==> flow/design.v <==
module alu_diff_unit #(
   parameter DWIDTH = 64
) (
   input logic clk,
   input logic i_rst_n,
   input logic [DWIDTH-1:0] op_a,
   input logic [DWIDTH-1:0] op_b,
   output logic [DWIDTH-1:0] q,
   output logic bo
);
   logic [DWIDTH-1:0] op_a_ff;
   logic [DWIDTH-1:0] op_b_ff;
   logic [DWIDTH:0] t;
   assign t = {1'b0, op_a_ff} - {1'b0, op_b_ff};
   assign q = t[DWIDTH-1:0];
   assign bo = t[DWIDTH];
   always_ff @(posedge clk or negedge i_rst_n) begin
      if (!i_rst_n) begin
         op_a_ff <= 0;
         op_b_ff <= 0;
      end else begin
         op_a_ff <= op_a;
         op_b_ff <= op_b;
      end
   end
endmodule
# Reports on alu_diff_unit
# What the tools print for alu_diff_unit, step after step.
# Line numbers count from 1 in the design file above.
# Library cell names are shortened.
# Not given: n/a
# inputs
top_module	alu_diff_unit
clock_port	clk
library	sky130hd
corner	tt_025C_1v80

# Word-level counts
# Source: Yosys, flattened and elaborated, memories not mapped. Widths are those after wreduce; folded enables and synchronous resets count as part of the registers. Registers that Yosys merges into a memory's read port (data or address) are not register bits. Print and check cells do not count. Equal cells are merged and count once.
# word_totals
latch_bits	0
ff_bits	128
mem_bits_ro	0
mem_count	0
output_inout_bits	65
wordCells	3
clocked_rd_ports_x_width	0
input_bits	130
ram_bits	0
# op_classes
n_mul	0
n_logic	0
muxes	0
reduce_and_logical	0
add_sub_neg	1
n_cmp	0
n_shift	0
eq_ne	0
div	0
# ops
op	n
subtractor 64 x 64 -> 65 bit	1

# Logic depth
# Yosys ltp: most cells in a row. Word level: on the elaborated netlist, between registers, memories and ports. Mapped: between sequential cells and ports; inverters and the memories' decode and read muxes count.
# logic_depth
word_depth	1
ABC_AREA	0
ltp_mapped	12
depth_no_buf	12

# Synthesis result
# The flow's flattened synthesis, as Yosys stat reports it; memories are mapped. The netlist is that of the ABC_AREA named above (0 if unset); the other value can give another one.
# types
type	n	area_total_um2
dfrtp_1	128	3.2E+03
ha_1	64	800.768
a21oi_1	76	380.365
xnor2_1	39	341.578
inv_1	88	330.317
a21o_1	37	277.766
nand2_1	63	236.477
xor2_1	21	183.926
o21ai_0	27	135.13
nand4_1	21	131.376
nor2_1	35	131.376
o21bai_1	14	105.101
a31oi_1	11	68.816
buf_2	11	55.053
o21a_1	7	52.55
nand3_1	10	50.048
o21ai_1	9	45.043
a21oi_2	4	35.034
# Not listed: further types 56, cells in them 101.
# synth_totals
synth_area_um2	7405.9
sequential_area_um2	3203.1
n_buf	21
cells	766
flip_flops	128

# Path before layout
# Path of least setup slack by OpenSTA after synthesis, without wires, with an ideal clock, recovery checks aside; 20% of the period is set as input and as output delay. Where synthesis merged equal registers, the netlist keeps one of their names.
# synth_timing
kind	register -> output
from	reg op_a_ff[0]
to	out q[62]
period_ns	4.09
launch_ns	0.000
t_required_ns	3.272
out_delay_ns	0.818
path_delay_ns	2.615
setup_slack_ns	0.657
path_buffers	0
stages	13
t_arrival_ns	2.615
period_less_setup_slack_ns	3.433
# "path_delay_ns" = arrival - input delay + setup time.
# At an output port there is no setup time.
# "stages" counts driving pins, that of a launching flip-flop among them; a cell with two outputs on the path counts twice.
# "period_less_setup_slack_ns" is the clock period less the worst setup slack; recovery checks do not enter. This is arithmetic on one report: input and output delays are still those of the set period (20% each).
# Between the ends stands the longest chain of elaborated cells between them, by number of cells; it is not shown to be the way that was timed. Of several equally long chains one is given.
# Each line given opens the expression or statement behind the cell; cells for indexed reads and writes are added by Yosys, which also makes memories of some case tables.
# synth_between
cell_sequence	dfrtp_1 -> inv_1 -> ha_1 -> fa_1 -> nand2b_1 -> a21oi_1 -> o211ai_1 -> a211oi_1 -> nor3_1 -> o32ai_1 -> o21ai_1 -> o31ai_1 -> xor2_1
elab_chain_cells	1
cells_between	1
cone_lines	1
classes_between	add/sub: 1
# synth_lines
item	line_no	text
start: declaration	11	logic [DWIDTH-1:0] op_a_ff;
start: assignment	19	op_a_ff <= 0;
start: assignment	22	op_a_ff <= op_a;
subtractor 64 x 64 -> 65 bit	14	assign t = {1'b0, op_a_ff} - {1'b0, op_b_ff};
end: declaration	8	output logic [DWIDTH-1:0] q,

# Path in the finished layout
# From the final timing report of run A: the path of least setup slack in the routed layout; clock arrival at registers is part of the times.
# layout_timing
kind	register -> output
from	reg op_a_ff[21]
to	out q[61]
t_arrival_ns	3.26
out_delay_ns	0.45
period_ns	2.27
stages	13
launch_ns	0.43
path_buffers	3
setup_slack_ns	-1.45
t_required_ns	1.82
# Between the ends stands the longest chain of elaborated cells between them, by number of cells; it is not shown to be the way that was timed. Of several equally long chains one is given.
# layout_between
cell_sequence	dfrtp_1 -> ha_1 -> clkbuf_4 -> nand4_1 -> nor3b_2 -> o31ai_4 -> a21oi_4 -> nor2_4 -> o31ai_4 -> buf_6 -> nor3_2 -> or3b_4 -> buf_6
elab_chain_cells	1
cells_between	1
cone_lines	1
classes_between	add/sub: 1
# layout_lines
item	line_no	text
start: declaration	11	logic [DWIDTH-1:0] op_a_ff;
start: assignment	19	op_a_ff <= 0;
start: assignment	22	op_a_ff <= op_a;
subtractor 64 x 64 -> 65 bit	14	assign t = {1'b0, op_a_ff} - {1'b0, op_b_ff};
end: declaration	8	output logic [DWIDTH-1:0] q,

==> runs of alu_diff_unit <==
Module alu_diff_unit, platform sky130hd: 3 stored runs of the flow (Yosys, OpenROAD) with differing settings, in no particular order. Input and output delays are each 20% of the period that was set; the output load is 0.01 pF.
"achieved_clock_period_ns" means the clock period less the worst setup slack. The figure is calculated, with input and output delays left at 20% of the set period.
By "critical_path_time_ns" is meant the share of the clock period that the worst setup path is allowed (20% is reserved at inputs, 20% at outputs), minus its slack. Clock arrival times at its registers enter into it.
By "total_power_mw" is meant OpenSTA's value without simulated activity: inputs other than the clock are taken to toggle once in ten clock periods, and the tool carries that through the logic.

Run A, flow files:
==> flow/run.sh <==
#!/bin/bash
# the make line also repeats the synthesis and layout settings of config.mk as NAME=value (left out here)
make -C /OpenROAD-flow-scripts/flow DESIGN_CONFIG=/design/flow/config.mk WORK_HOME=/design/flow/orfs CLKGATE_MAP_FILE= finish
==> flow/config.mk <==
export PLATFORM = sky130hd
export DESIGN_NAME = alu_diff_unit
export DESIGN_NICKNAME = alu_diff_unit
export VERILOG_FILES = /design/flow/design.v
export SDC_FILE = /design/flow/constraint.sdc
export NUM_CORES = 4
export LEC_CHECK = 0
export CAP_MARGIN = 20
export CELL_PAD_IN_SITES_GLOBAL_PLACEMENT = 2
export CORE_MARGIN = 2
export CORE_UTILIZATION = 24
export CTS_CLUSTER_DIAMETER = 280
export GPL_ROUTABILITY_DRIVEN = 0
export GPL_TIMING_DRIVEN = 0
export HOLD_SLACK_MARGIN = 0.05
export PLACE_DENSITY = 0.77
export SLEW_MARGIN = 10
export TNS_END_PERCENT = 65
==> flow/constraint.sdc <==
create_clock -name core_clock -period 2.27 [get_ports {clk}]
set_input_delay 0.4540 -clock core_clock [delete_from_list [all_inputs] [get_ports {clk}]]
set_output_delay 0.4540 -clock core_clock [all_outputs]
set_load 0.01 [all_outputs]

==> results of run A, as CSV <==
result,value
yosys_chip_area_um2,7405.9
design.die.area_um2,32279.5
final_cell_area_um2,11965.2
fin_ws_ns,-1.445
total_negative_slack_ns,-62.828
total_power_mw,7.504
achieved_clock_period_ns,3.715
critical_path_time_ns,3.26
worst_path_kind,"register -> output"

Run B, flow files:
==> flow/run.sh <==
#!/bin/bash
# the make line also repeats the synthesis and layout settings of config.mk as NAME=value (left out here)
make -C /OpenROAD-flow-scripts/flow DESIGN_CONFIG=/design/flow/config.mk WORK_HOME=/design/flow/orfs CLKGATE_MAP_FILE= finish
==> flow/config.mk <==
export PLATFORM = sky130hd
export DESIGN_NAME = alu_diff_unit
export DESIGN_NICKNAME = alu_diff_unit
export VERILOG_FILES = /design/flow/design.v
export SDC_FILE = /design/flow/constraint.sdc
export NUM_CORES = 4
export LEC_CHECK = 0
export CAP_MARGIN = 20
export CORE_MARGIN = 2
export CORE_UTILIZATION = 40
export SLEW_MARGIN = 20
==> flow/constraint.sdc <==
create_clock -name core_clock -period 4.09 [get_ports {clk}]
set_input_delay 0.8180 -clock core_clock [delete_from_list [all_inputs] [get_ports {clk}]]
set_output_delay 0.8180 -clock core_clock [all_outputs]
set_load 0.01 [all_outputs]

==> results of run B, as CSV <==
result,value
yosys_chip_area_um2,7405.9
design.die.area_um2,19619.6
final_cell_area_um2,11038.1
fin_ws_ns,-0.022
total_negative_slack_ns,-0.024
total_power_mw,4.126
achieved_clock_period_ns,4.112
critical_path_time_ns,3.29
worst_path_kind,"register -> output"

Run C, flow files:
==> flow/run.sh <==
#!/bin/bash
# the make line also repeats the synthesis and layout settings of config.mk as NAME=value (left out here)
make -C /OpenROAD-flow-scripts/flow DESIGN_CONFIG=/design/flow/config.mk WORK_HOME=/design/flow/orfs CLKGATE_MAP_FILE= finish
==> flow/config.mk <==
export PLATFORM = sky130hd
export DESIGN_NAME = alu_diff_unit
export DESIGN_NICKNAME = alu_diff_unit
export VERILOG_FILES = /design/flow/design.v
export SDC_FILE = /design/flow/constraint.sdc
export NUM_CORES = 4
export LEC_CHECK = 0
export ABC_AREA = 0
export CAP_MARGIN = 20
export CELL_PAD_IN_SITES_GLOBAL_PLACEMENT = 3
export CORE_MARGIN = 5
export CORE_UTILIZATION = 49
export GPL_ROUTABILITY_DRIVEN = 0
export MAX_ROUTING_LAYER = met4
export PLACE_DENSITY_LB_ADDON = 0.1
export SLEW_MARGIN = 20
export TNS_END_PERCENT = 90
==> flow/constraint.sdc <==
create_clock -name core_clock -period 3.2 [get_ports {clk}]
set_input_delay 0.6400 -clock core_clock [delete_from_list [all_inputs] [get_ports {clk}]]
set_output_delay 0.6400 -clock core_clock [all_outputs]
set_load 0.01 [all_outputs]

Run C: incomplete, placement halted on FLW-0024
